==> flow/design.v <==
module ex_adder_top (ck, rst_ni, first, second, res, cy);
    parameter integer W = 7;
    input ck;
    input rst_ni;
    input [W-1:0] first;
    input [W-1:0] second;
    output [W-1:0] res;
    output cy;
    reg [W-1:0] first_d1;
    always @(posedge ck) begin
        if (~rst_ni) begin
            first_d1 <= 0;
        end else begin
            first_d1 <= first;
        end
    end
    reg [W-1:0] second_d1;
    always @(posedge ck) begin
        if (~rst_ni) begin
            second_d1 <= 0;
        end else begin
            second_d1 <= second;
        end
    end
    reg [W-1:0] g;
    reg [W-1:0] p;
    integer k;
    always @(*) begin
        g = first_d1 & second_d1;
        p = first_d1 ^ second_d1;
        for (k = 1; k < W; k = k * 2) begin
            g = g | (p & (g << k));
            p = p & (p << k);
        end
    end
    reg [W-1:0] val_d1;
    always @(posedge ck) begin
        if (~rst_ni) begin
            val_d1 <= 0;
        end else begin
            val_d1 <= first_d1 ^ second_d1;
        end
    end
    reg [W-1:0] g_d1;
    always @(posedge ck) begin
        if (~rst_ni) begin
            g_d1 <= 0;
        end else begin
            g_d1 <= g;
        end
    end
    reg [W-1:0] res_d1;
    always @(posedge ck) begin
        if (~rst_ni) begin
            res_d1 <= 0;
        end else begin
            res_d1 <= val_d1 ^ {g_d1[W-2:0], 1'b0};
        end
    end
    assign res = res_d1;
    reg cy_d1;
    always @(posedge ck) begin
        if (~rst_ni) begin
            cy_d1 <= 1'b0;
        end else begin
            cy_d1 <= g_d1[W-1];
        end
    end
    assign cy = cy_d1;
endmodule
; Step by step through the tools: ex_adder_top
; Tool output for the members of one design family, told apart by "W", in the order of the flow.
; The RTL above is that of W=7; lines are counted from 1 in the file of the member named.
; Operators: Yosys type, input widths -> output width; for muxes data width and select width s.
; Cell names lack the library's common part.
; Not given: -
[inputs]
design = ex_adder_top
clk_port = ck
library = sky130hd
lib_corner = tt_025C_1v80

; Source of the members
; Lines of each other member's file that are new or changed against the file above; lines that a member lacks are not shown.
[src_changes]
columns = W, line
row1 = 16, 2  ; parameter integer W = 16;
row2 = 28, 2  ; parameter integer W = 28;

; Word-level counts
; Counts by Yosys on the flattened word-level netlist (proc, flatten, opt, wreduce; memories kept). Register bits leave out memories and registers merged into their read ports (data or address); mux counts leave out enables and synchronous resets folded into registers. Print and check cells are left out. Cells with the same type and inputs are merged into one.
[classes]
columns = W, add_sub_neg, n_mul, n_div, cmp, eq_ne, shift, n_mux, bitwise, reduce_logical
row1 = 7, 0, 0, 0, 0, 0, 0, 0, 11, 0
row2 = 16, 0, 0, 0, 0, 0, 0, 0, 14, 0
row3 = 28, 0, 0, 0, 0, 0, 0, 0, 17, 0
[op_table]
columns = W, op_list
row1 = 7, $and 7x7->7: 6; $or 7x7->7: 3; $xor 7x7->7: 2
row2 = 16, $and 16x16->16: 8; $or 16x16->16: 4; $xor 16x16->16: 2
row3 = 28, $and 28x28->28: 10; $or 28x28->28: 5; $xor 28x28->28: 2
[word_totals]
columns = W, reg_bits, latchBits, ram_bits, romBits, clocked_rd_ports_x_width, n_memories, in_bits, output_inout_bits
row1 = 7, 36, 0, 0, 0, 0, 0, 16, 8
row2 = 16, 81, 0, 0, 0, 0, 0, 34, 17
row3 = 28, 141, 0, 0, 0, 0, 0, 58, 29

; Longest topological paths
; Depth = most cells in a row (Yosys ltp): at word level without a register or memory, in the mapped netlist without a sequential cell, where the memories' decode and read muxes count.
[depth]
columns = W, word_depth, abc_area, depth_mapped, mapped_depth_nobuf
row1 = 7, 7, 0, 4, 4
row2 = 16, 9, 0, 5, 5
row3 = 28, 11, 0, 7, 6

; Synthesis result
; Yosys stat after the flow's synthesis: flattened, memories mapped to cells. It holds for the ABC_AREA given above (unset counts as 0); a run with the other value may have another netlist.
[synth_totals]
columns = W, cell_count, area_um2, ffs
row1 = 7, 104, 1178.6, 36
row2 = 16, 264, 2826.5, 81
row3 = 28, 516, 5240.0, 141
[types]
columns = W, type_list
row1 = 7, dfxtp_1: 36; and2_1: 23; ha_1: 7; xnor2_1: 6; nor2_1: 9; a21oi_1: 4; o211ai_1: 2; a211oi_2: 1; nand4_1: 2; nand2_1: 3; a32o_1: 1; a21o_1: 1; and2_2: 1; buf_4: 1; clkbuf_1: 2; o21a_1: 1; and3_1: 1; or3_1: 1; (+2)
row2 = 16, dfxtp_1: 81; and2_1: 48; ha_1: 16; xnor2_1: 15; nor2_1: 24; a21oi_1: 12; o21ai_0: 9; nand2_1: 10; o41ai_2: 2; a21o_1: 4; clkbuf_1: 7; a31oi_1: 4; o22ai_4: 1; inv_1: 5; a21oi_2: 2; a32oi_2: 1; a22oi_1: 2; nand4_1: 2; (+19)
row3 = 28, dfxtp_1: 141; and2_1: 85; ha_1: 28; xnor2_1: 27; nor2_1: 47; a21oi_1: 23; nand2_1: 30; a21o_1: 11; nand4_1: 10; o21ai_0: 12; nand3_1: 10; clkbuf_1: 13; a32o_1: 4; and3_1: 6; o21a_1: 5; buf_2: 7; o31ai_1: 4; a31oi_1: 4; (+49)
; The mark (+n) counts cells that are not listed.

; Timing after synthesis
; OpenSTA on the mapped netlist: ideal clock, no wires. The path of least setup slack (recovery checks aside). Input and output delay are each 20% of the period. Register names are those of the netlist, which keeps one name where synthesis merged equal registers.
[synth_path]
columns = W, path_type, start, end, tclk_ns, setup_slack_ns, driving_pins, path_delay_ns, synth_period_reached_ns
row1 = 7, register to register, register first_d1[1], register g_d1[4], 1.52, 0.306, 5, 1.213, 1.214
row2 = 16, register to register, register first_d1[3], register g_d1[13], 1.85, 0.371, 6, 1.479, 1.479
row3 = 28, register to register, register first_d1[3], register g_d1[21], 2.19, 0.441, 7, 1.748, 1.749
; "path_delay_ns" = arrival - input delay + setup time.
; "driving_pins" counts driving pins, that of a launching flip-flop among them; a cell with two outputs on the path counts twice.
; "synth_period_reached_ns" is the clock period less the worst setup slack; recovery checks do not enter. This is arithmetic on one report: input and output delays are still those of the set period (20% each).
; Between the ends stands the longest chain of elaborated cells between them, by number of cells; it is not shown to be the way that was timed. Of several equally long chains one is given.
; A line is the first line of the expression or statement that the cell stems from. Yosys adds cells for indexed reads and writes and turns some case tables into memories.
[synth_between_W_7]
elab_chain_len = 6
[synth_rtl_W_7]
columns = element, line
row1 = start: declaration, 9  ; reg [W-1:0] first_d1;
row2 = start: assignment, 12  ; first_d1 <= 0;
row3 = start: assignment, 14  ; first_d1 <= first;
row4 = $and 7x7->7, 29  ; g = first_d1 & second_d1;
row5 = $and 7x7->7, 32  ; g = g | (p & (g << k));
row6 = $or 7x7->7, 32
row7 = $and 7x7->7, 32
row8 = $or 7x7->7 x2, 32
row9 = end: assignment, 47  ; g_d1 <= 0;
row10 = end: assignment, 49  ; g_d1 <= g;
row11 = end: declaration, 44  ; reg [W-1:0] g_d1;
[synth_between_W_28]
elab_chain_len = 9
[synth_rtl_W_28]
columns = element, line
row1 = start: declaration, 9  ; reg [W-1:0] first_d1;
row2 = start: assignment, 12  ; first_d1 <= 0;
row3 = start: assignment, 14  ; first_d1 <= first;
row4 = $xor 28x28->28, 30  ; p = first_d1 ^ second_d1;
row5 = $and 28x28->28, 32  ; g = g | (p & (g << k));
row6 = $or 28x28->28, 32
row7 = $and 28x28->28, 32
row8 = $or 28x28->28 x3, 32
row9 = $and 28x28->28, 32
row10 = $or 28x28->28, 32
row11 = end: assignment, 47  ; g_d1 <= 0;
row12 = end: assignment, 49  ; g_d1 <= g;
row13 = end: declaration, 44  ; reg [W-1:0] g_d1;

; Path in the finished layout
; From the final timing report of the run of each member: the path of least setup slack in the routed layout; clock arrival at registers is part of the times.
[layout_path]
columns = W, path_type, start, end, tclk_ns, setup_slack_ns, driving_pins, t_arrival_ns, path_buffers
row1 = 7, register to register, register first_d1[1], register g_d1[4], 1.52, 0.19, 5, 1.56, 0
row2 = 16, register to register, register first_d1[3], register g_d1[14], 1.85, 0.18, 6, 1.89, 0
row3 = 28, register to register, register first_d1[8], register g_d1[22], 2.19, 0.14, 7, 2.35, 0

; Measured runs
; One run of the flow (Yosys, OpenROAD) for each member, with settings and measured results. Input and output delays are each 20% of the period that was set; the output load is 0.01 pF.
[settings]
CAP_MARGIN = 20
CORE_MARGIN = 2
CORE_UTILIZATION = 40
SLEW_MARGIN = 20
[settings_diff]
columns = W, period_ns
row1 = 7, 1.52
row2 = 16, 1.85
row3 = 28, 2.19
[measured]
columns = W, ys_area_um2, total_die_area_um2, final_cell_area_um2, fin_util_frac, worstSetupSlack_ns, total_negative_slack_ns, worst_hold_slack_ns
row1 = 7, 1178.6, 3396.6, 1591.5, 0.572, 0.190, 0.000, 0.444
row2 = 16, 2826.5, 7754.6, 3661.0, 0.536, 0.185, 0.000, 0.446
row3 = 28, 5240.0, 14031.6, 6952.9, 0.547, 0.144, 0.000, 0.418
